==> flow/design.v <==
module gen_comparator #(
   parameter W = 40
) (
   input  wire i_clk,
   input  wire [W-1:0] lhs_in,
   input  wire [W-1:0] rhs_in,
   input  wire [W-1:0] extra_in,
   output reg [W-1:0] result_out
);
   always @(posedge i_clk) begin
      result_out <= (lhs_in < rhs_in) ? rhs_in : (lhs_in > extra_in) ? extra_in : lhs_in;
   end
endmodule
== From RTL to reports: gen_comparator ==
The steps from the RTL of gen_comparator to its reports follow in flow order.
Lines are those of the file above, counted from 1.
Library cell names are shortened.
A cell with - has no value.

* Design top: gen_comparator
* Clock: i_clk
* Standard-cell library: sky130hd
* Timing corner: tt_025C_1v80

== Word level ==
Counts by Yosys on the flattened word-level netlist (proc, flatten, opt, wreduce; memories kept). Register bits leave out memories and registers merged into their read ports (data or address); mux counts leave out enables and synchronous resets folded into registers. Print and check cells are left out. Cells with the same type and inputs are merged into one.

* Flip-flop bits (word level): 40
* Bits of input ports: 121
* Output and inout port bits: 40
* Elaborated cells: 5

* Order comparisons: 2
* Multiplexer cells: 2

{| class="wikitable"
|+ Operators with widths
! operator !! count
|-
| 40-bit two-way mux || 2
|-
| 40-bit > comparator || 1
|-
| 40-bit < comparator || 1
|}

== Depth ==
Depth = most cells in a row (Yosys ltp): at word level without a register or memory, in the mapped netlist without a sequential cell, where the memories' decode and read muxes count.

* Word-level depth: 3
* ABC_AREA: 0
* Gate-level depth with buffers: 11
* Depth with buffers taken out: 9

== Mapped cells and area ==
Yosys stat after the flow's synthesis: flattened, memories mapped to cells. It holds for the ABC_AREA given above (unset counts as 0); a run with the other value may have another netlist.

{| class="wikitable"
|+ Cells by type
! cell !! count !! area in all (µm²)
|-
| ha_1 || 79 || 988.448
|-
| dfxtp_1 || 40 || 800.768
|-
| o211ai_1 || 56 || 420.403
|-
| o211ai_2 || 28 || 350.336
|-
| nand4_1 || 51 || 319.056
|-
| inv_1 || 80 || 300.288
|-
| a21oi_1 || 33 || 165.158
|-
| buf_6 || 9 || 101.347
|-
| nand2_1 || 27 || 101.347
|-
| o21ai_0 || 14 || 70.067
|-
| buf_2 || 12 || 60.058
|-
| nor2_1 || 13 || 48.797
|-
| nand3_1 || 8 || 40.038
|-
| a211oi_1 || 4 || 30.029
|-
| buf_4 || 4 || 30.029
|-
| a311oi_4 || 1 || 26.275
|-
| nor4_2 || 2 || 25.024
|-
| nor3_4 || 1 || 16.266
|}

Not listed: further types 16, cells in them 21.

* Standard cells after synthesis: 483
* Cell area after synthesis: 4,046.4 µm²
* Sequential part of the area: 800.8 µm²
* Flip-flop cells: 40
* Buffers: 29

== Timing after synthesis ==
OpenSTA on the mapped netlist: ideal clock, no wires. The path of least setup slack (recovery checks aside). Input and output delay are each 20% of the period. Register names are those of the netlist, which keeps one name where synthesis merged equal registers.

* Path kind: input to register
* Start point: in rhs_in[17]
* End point: reg result_out[19]
* Period: 2,810 ps
* External input delay: 562 ps
* Library setup time: 128 ps
* Time at the first pin: 562 ps
* Arrival: 2,235 ps
* Data required time: 2,682 ps
* Setup slack: 447 ps
* Delay of the path: 1,801 ps
* Driving pins on the path: 11
* Path buffers: 2
* Period reached after synthesis: 2,363 ps

"delay of the path" is the arrival time less input delay plus setup time.
"driving pins on the path" counts driving pins, that of a launching flip-flop among them; a cell with two outputs on the path counts twice.
"period reached after synthesis" is the clock period less the worst setup slack; recovery checks do not enter. This is arithmetic on one report: input and output delays are still those of the set period (20% each).
Between the ends stands the longest chain of elaborated cells between them, by number of cells; it is not shown to be the way that was timed. Of several equally long chains one is given.
Each line given opens the expression or statement behind the cell; cells for indexed reads and writes are added by Yosys, which also makes memories of some case tables.

* Path through: inv_1 ha_1 a211oi_1 nor2_1 o31ai_1 a21oi_1 a211o_2 buf_6 buf_2 o211ai_1 o211ai_2
* Cells in the longest elaborated chain: 2
* Elaborated cells on any way between the ends: 2
* Source lines of those cells: 1
* Classes of those cells: compare (1); mux (1)

{| class="wikitable"
|+ Ends and longest elaborated chain, after synthesis
! item !! RTL line !! text
|-
| start: declaration || 6 || <nowiki>input  wire [W-1:0] rhs_in,</nowiki>
|-
| 40-bit < comparator || 11 || <nowiki>result_out <= (lhs_in < rhs_in) ? rhs_in : (lhs_in > extra_in) ? extra_in : lhs_in;</nowiki>
|-
| 40-bit two-way mux || 11 ||
|-
| end: assignment || 11 ||
|-
| end: declaration || 8 || <nowiki>output reg [W-1:0] result_out</nowiki>
|}

== Worst path after layout ==
From the final timing report of run B: the path of least setup slack in the routed layout; clock arrival at registers is part of the times.
The path's times are printed in steps of 10 ps; the period is the one set.

* Path kind: input to register
* Start point: in extra_in[36]
* End point: reg result_out[19]
* Period: 2,810 ps
* External input delay: 560 ps
* Library setup time: 80 ps
* Time at the first pin: 560 ps
* Arrival: 3,050 ps
* Data required time: 3,030 ps
* Setup slack: -10 ps
* Driving pins on the path: 14
* Path buffers: 6

Between the ends stands the longest chain of elaborated cells between them, by number of cells; it is not shown to be the way that was timed. Of several equally long chains one is given.

* Path through: clkdlybuf4s50_1 inv_1 ha_1 nand4_4 buf_6 nor4_4 buf_4 nand4_1 buf_4 o21ai_4 buf_6 clkbuf_16 o211ai_1 o211ai_2
* Cells in the longest elaborated chain: 3
* Elaborated cells on any way between the ends: 3
* Source lines of those cells: 1
* Classes of those cells: compare (1); mux (2)

{| class="wikitable"
|+ Ends and longest elaborated chain, post-layout
! item !! RTL line !! text
|-
| start: declaration || 7 || <nowiki>input  wire [W-1:0] extra_in,</nowiki>
|-
| 40-bit > comparator || 11 || <nowiki>result_out <= (lhs_in < rhs_in) ? rhs_in : (lhs_in > extra_in) ? extra_in : lhs_in;</nowiki>
|-
| 40-bit two-way mux (2 in a row) || 11 ||
|-
| end: assignment || 11 ||
|-
| end: declaration || 8 || <nowiki>output reg [W-1:0] result_out</nowiki>
|}

## Implementation results

Record of 3 stored runs of the RTL-to-layout flow on gen_comparator, platform sky130hd. The runs are unordered. Constraints: input delay and output delay 20% of the set period each, output load 0.01 pF.
"time on the worst setup path" = time allowed to the worst setup path (clock period - input delay - output delay, where it has them) - its slack; a late launch clock adds to it, a late capture clock takes from it.
"time on the worst setup path" is given in steps of 10 ps.

=== Run A ===
{| class="wikitable"
! Setting !! Value
|-
| period_ns || 1.38
|-
| CORE_UTILIZATION || 48
|-
| PLACE_DENSITY_LB_ADDON || 0.11
|-
| CELL_PAD_IN_SITES_GLOBAL_PLACEMENT || 1
|-
| GPL_ROUTABILITY_DRIVEN || 1
|-
| CTS_CLUSTER_SIZE || 72
|-
| SLEW_MARGIN || 35
|-
| CAP_MARGIN || 20
|-
| CORE_MARGIN || 2
|}
Incomplete, placement halted on FLW-0024.

=== Run B ===
{| class="wikitable"
! Setting !! Value
|-
| period_ns || 2.81
|-
| CAP_MARGIN || 20
|-
| CORE_MARGIN || 2
|-
| CORE_UTILIZATION || 40
|-
| SLEW_MARGIN || 20
|-
! Result !! Value
|-
| Synthesis area || 4,046.4 µm²
|-
| Smallest setup slack || -12 ps
|-
| Area of the die || 10,937.0 µm²
|-
| Sum of negative setup slack || -12 ps
|-
| Standard-cell area of the final layout || 6,881.6 µm²
|-
| Time on the worst setup path || 2,260 ps
|-
| Type of the worst setup path || input to register
|}

=== Run C ===
{| class="wikitable"
! Setting !! Value
|-
| period_ns || 1.82
|-
| CORE_UTILIZATION || 23
|-
| SETUP_SLACK_MARGIN || 0.0
|-
| PLACE_DENSITY_LB_ADDON || 0.17
|-
| CORE_ASPECT_RATIO || 1.03
|-
| CTS_CLUSTER_SIZE || 77
|-
| SLEW_MARGIN || 35
|-
| CAP_MARGIN || 20
|-
| CORE_MARGIN || 2
|-
! Result !! Value
|-
| Synthesis area || 4,046.4 µm²
|-
| Smallest setup slack || -445 ps
|-
| Area of the die || 18,670.1 µm²
|-
| Sum of negative setup slack || -15,942 ps
|-
| Standard-cell area of the final layout || 8,476.9 µm²
|-
| Time on the worst setup path || 1,900 ps
|-
| Type of the worst setup path || input to register
|}
